==> flow/design.v <==
module core_mag_cmp_v2 #(
  parameter integer W = 12
) (
  input  wire clk,
  input  wire valid,
  input  wire signed [W-1:0] rs1_in,
  input  wire signed [W-1:0] rs2_in,
  output wire a_lt_b_out,
  output wire match_out,
  output wire a_gt_b_out
);
  reg signed [W-1:0] rs1_d1;
  reg signed [W-1:0] rs2_d1;
  always @(posedge clk) begin
    if (valid) begin
      rs1_d1 <= rs1_in;
      rs2_d1 <= rs2_in;
    end
  end
  assign a_lt_b_out = (rs1_d1 < rs2_d1);
  assign match_out = (rs1_d1 == rs2_d1);
  assign a_gt_b_out = (rs1_d1 > rs2_d1);
endmodule
* Step by step through the tools: core_mag_cmp_v2
Tool output for the design above, in the order of the flow. Lines are those of the file above, counted from 1. Library cell names are shortened. The mark n/a stands for no value.
Inputs: design top core_mag_cmp_v2, clock clk, library sky130hd, library corner tt_025C_1v80

* Word level
Yosys after proc, flatten, opt, wreduce and memory -nomap, before mapping. Enables and synchronous resets that opt folds into registers are not counted as muxes. Memory bits, and registers merged into a memory's read port (data or address), are not among the register bits. Print and check cells are not counted. Equal cells are merged and count once.
Cells by class: magnitude comparators 2, equal/unequal tests 1
Operators with widths (count):
- 12-bit > comparator | 1
- 12-bit < comparator | 1
- 12-bit == test | 1
Word-level totals: flip-flop bits (word level) 24, elaborated cells 5

* Logic depth
Longest topological path by Yosys (ltp), each cell counted once; first at word level (registers and memories cut), then after technology mapping (sequential cells cut; the memories' decode and read muxes count).
Logic depth: depth after elaboration 1, ABC_AREA 0, gate-level depth with buffers 6, mapped depth without buffers 6

* Netlist
Yosys stat after the flow's synthesis: flattened, memories mapped to cells. It holds for the ABC_AREA given above (unset counts as 0); a run with the other value may have another netlist.
Cell types (count):
- edfxtp_1 | 24
- ha_1 | 12
- inv_1 | 15
- a21oi_1 | 5
- a221oi_2 | 1
- nand4_1 | 2
- nor4_2 | 1
- nand2_1 | 3
- mux2i_1 | 1
- o21ai_0 | 2
- o221ai_1 | 1
- xnor2_1 | 1
- nor2_1 | 2
- or2b_1 | 1
- nand3_1 | 1
Mapped netlist: cell count 72, synthesis area 0.001061 mm2, area of sequential cells 0.0007207 mm2, mapped flip-flops 24, buffers 0

* Path before layout
Source: OpenSTA report_checks on the synthesized netlist (no wires, ideal clock, input and output delay 20% of the period each), path of least setup slack; recovery checks are left aside. Register names are those of the netlist, which keeps one name where synthesis merged equal registers.
Path after synthesis: path type register to output, from register rs1_d1[7], to output port a_gt_b_out, clock period 2.4 ns, data arrival time 1.537 ns, data required time 1.920 ns, slack 0.383 ns, delay of the path 1.537 ns, stages 6, period reached after synthesis 2.017 ns
"delay of the path" is the arrival time less input delay plus setup time. A path that ends at an output port has no setup time. "stages" counts driving pins, that of a launching flip-flop among them; a cell with two outputs on the path counts twice. "period reached after synthesis" is the clock period less the worst setup slack; recovery checks do not enter. This is arithmetic on one report: input and output delays are still those of the set period (20% each). The rows between start and end are the longest chain of elaborated cells between them; the timing report does not say that the signal goes this way. Where chains are equally long, one stands for them. Each line given opens the expression or statement behind the cell; cells for indexed reads and writes are added by Yosys, which also makes memories of some case tables.
Between the ends, after synthesis: path through edfxtp_1 -> ha_1 -> a21oi_1 -> o21ai_0 -> a221oi_2 -> mux2i_1, length of the longest elaborated chain 1
Ends and longest elaborated chain, after synthesis:
- start, declared | line 12 | reg signed [W-1:0] rs1_d1;
- start, assigned | line 16 | rs1_d1 <= rs1_in;
- 12-bit > comparator | line 22 | assign a_gt_b_out = (rs1_d1 > rs2_d1);
- end, declared | line 10 | output wire a_gt_b_out

* Timing after layout
Path of least setup slack in the final report of record 1 (OpenROAD, finished layout, wires in). Where an end is a register, its clock arrival counts in the times.
Path after layout: path type register to output, from register rs1_d1[8], to output port a_gt_b_out, clock period 2.76 ns, data arrival time 2.20 ns, data required time 2.21 ns, slack 0.00 ns, stages 8
The rows between start and end are the longest chain of elaborated cells between them; the timing report does not say that the signal goes this way. Where chains are equally long, one stands for them.
Between the ends, after layout: path through edfxtp_1 -> ha_1 -> nand4_1 -> nor2_1 -> a221oi_2 -> buf_4 -> mux2i_1 -> buf_2, length of the longest elaborated chain 1
Ends and longest elaborated chain, after layout:
- start, declared | line 12 | reg signed [W-1:0] rs1_d1;
- start, assigned | line 16 | rs1_d1 <= rs1_in;
- 12-bit > comparator | line 22 | assign a_gt_b_out = (rs1_d1 > rs2_d1);
- end, declared | line 10 | output wire a_gt_b_out

3 stored runs of core_mag_cmp_v2 in the flow (synthesis by Yosys, layout by OpenROAD, sky130hd cells), in arbitrary order. Constraints: input delay and output delay 20% of the set period each, output load 0.01 pF.
By "achieved clock period" is meant the clock period of the run minus its worst setup slack. This is arithmetic on one report: input and output delays are still those of the set period (20% each).
"worst setup path time" means the part of the period allowed to the worst setup path (the constraints hold back 20% at inputs and 20% at outputs) less its slack; where the path has registers, the arrival times of their clocks count too.
[record 1] settings: period_ns=2.76, CORE_UTILIZATION=44, SETUP_SLACK_MARGIN=0.53, PLACE_DENSITY_LB_ADDON=0.27, CORE_MARGIN=3, CELL_PAD_IN_SITES_DETAIL_PLACEMENT=1, CTS_CLUSTER_DIAMETER=27, CAP_MARGIN=20, SLEW_MARGIN=25
[record 1] result: chip area after synthesis (Yosys) 0.001061 mm2, die area 0.0030366 mm2, utilization 0.689, worst setup slack after layout 0.003 ns, total negative slack 0.000 ns, achieved clock period 2.757 ns, worst setup path time 2.20 ns, worst setup path kind register to output
[record 2] settings: period_ns=2.91, CORE_UTILIZATION=16, PLACE_DENSITY_LB_ADDON=0.25, CORE_MARGIN=7, CELL_PAD_IN_SITES_GLOBAL_PLACEMENT=0, CELL_PAD_IN_SITES_DETAIL_PLACEMENT=0, TNS_END_PERCENT=15, CAP_MARGIN=5, MAX_ROUTING_LAYER=met4, SLEW_MARGIN=20
[record 2] result: chip area after synthesis (Yosys) 0.001061 mm2, die area 0.0091078 mm2, utilization 0.232, worst setup slack after layout 0.198 ns, total negative slack 0.000 ns, achieved clock period 2.712 ns, worst setup path time 2.13 ns, worst setup path kind register to output
[record 3] settings: period_ns=2.4, CAP_MARGIN=20, CORE_MARGIN=2, CORE_UTILIZATION=40, SLEW_MARGIN=20
[record 3] result: chip area after synthesis (Yosys) 0.001061 mm2, die area 0.0030802 mm2, utilization 0.62, worst setup slack after layout -0.064 ns, total negative slack -0.095 ns, achieved clock period 2.464 ns, worst setup path time 1.98 ns, worst setup path kind register to output
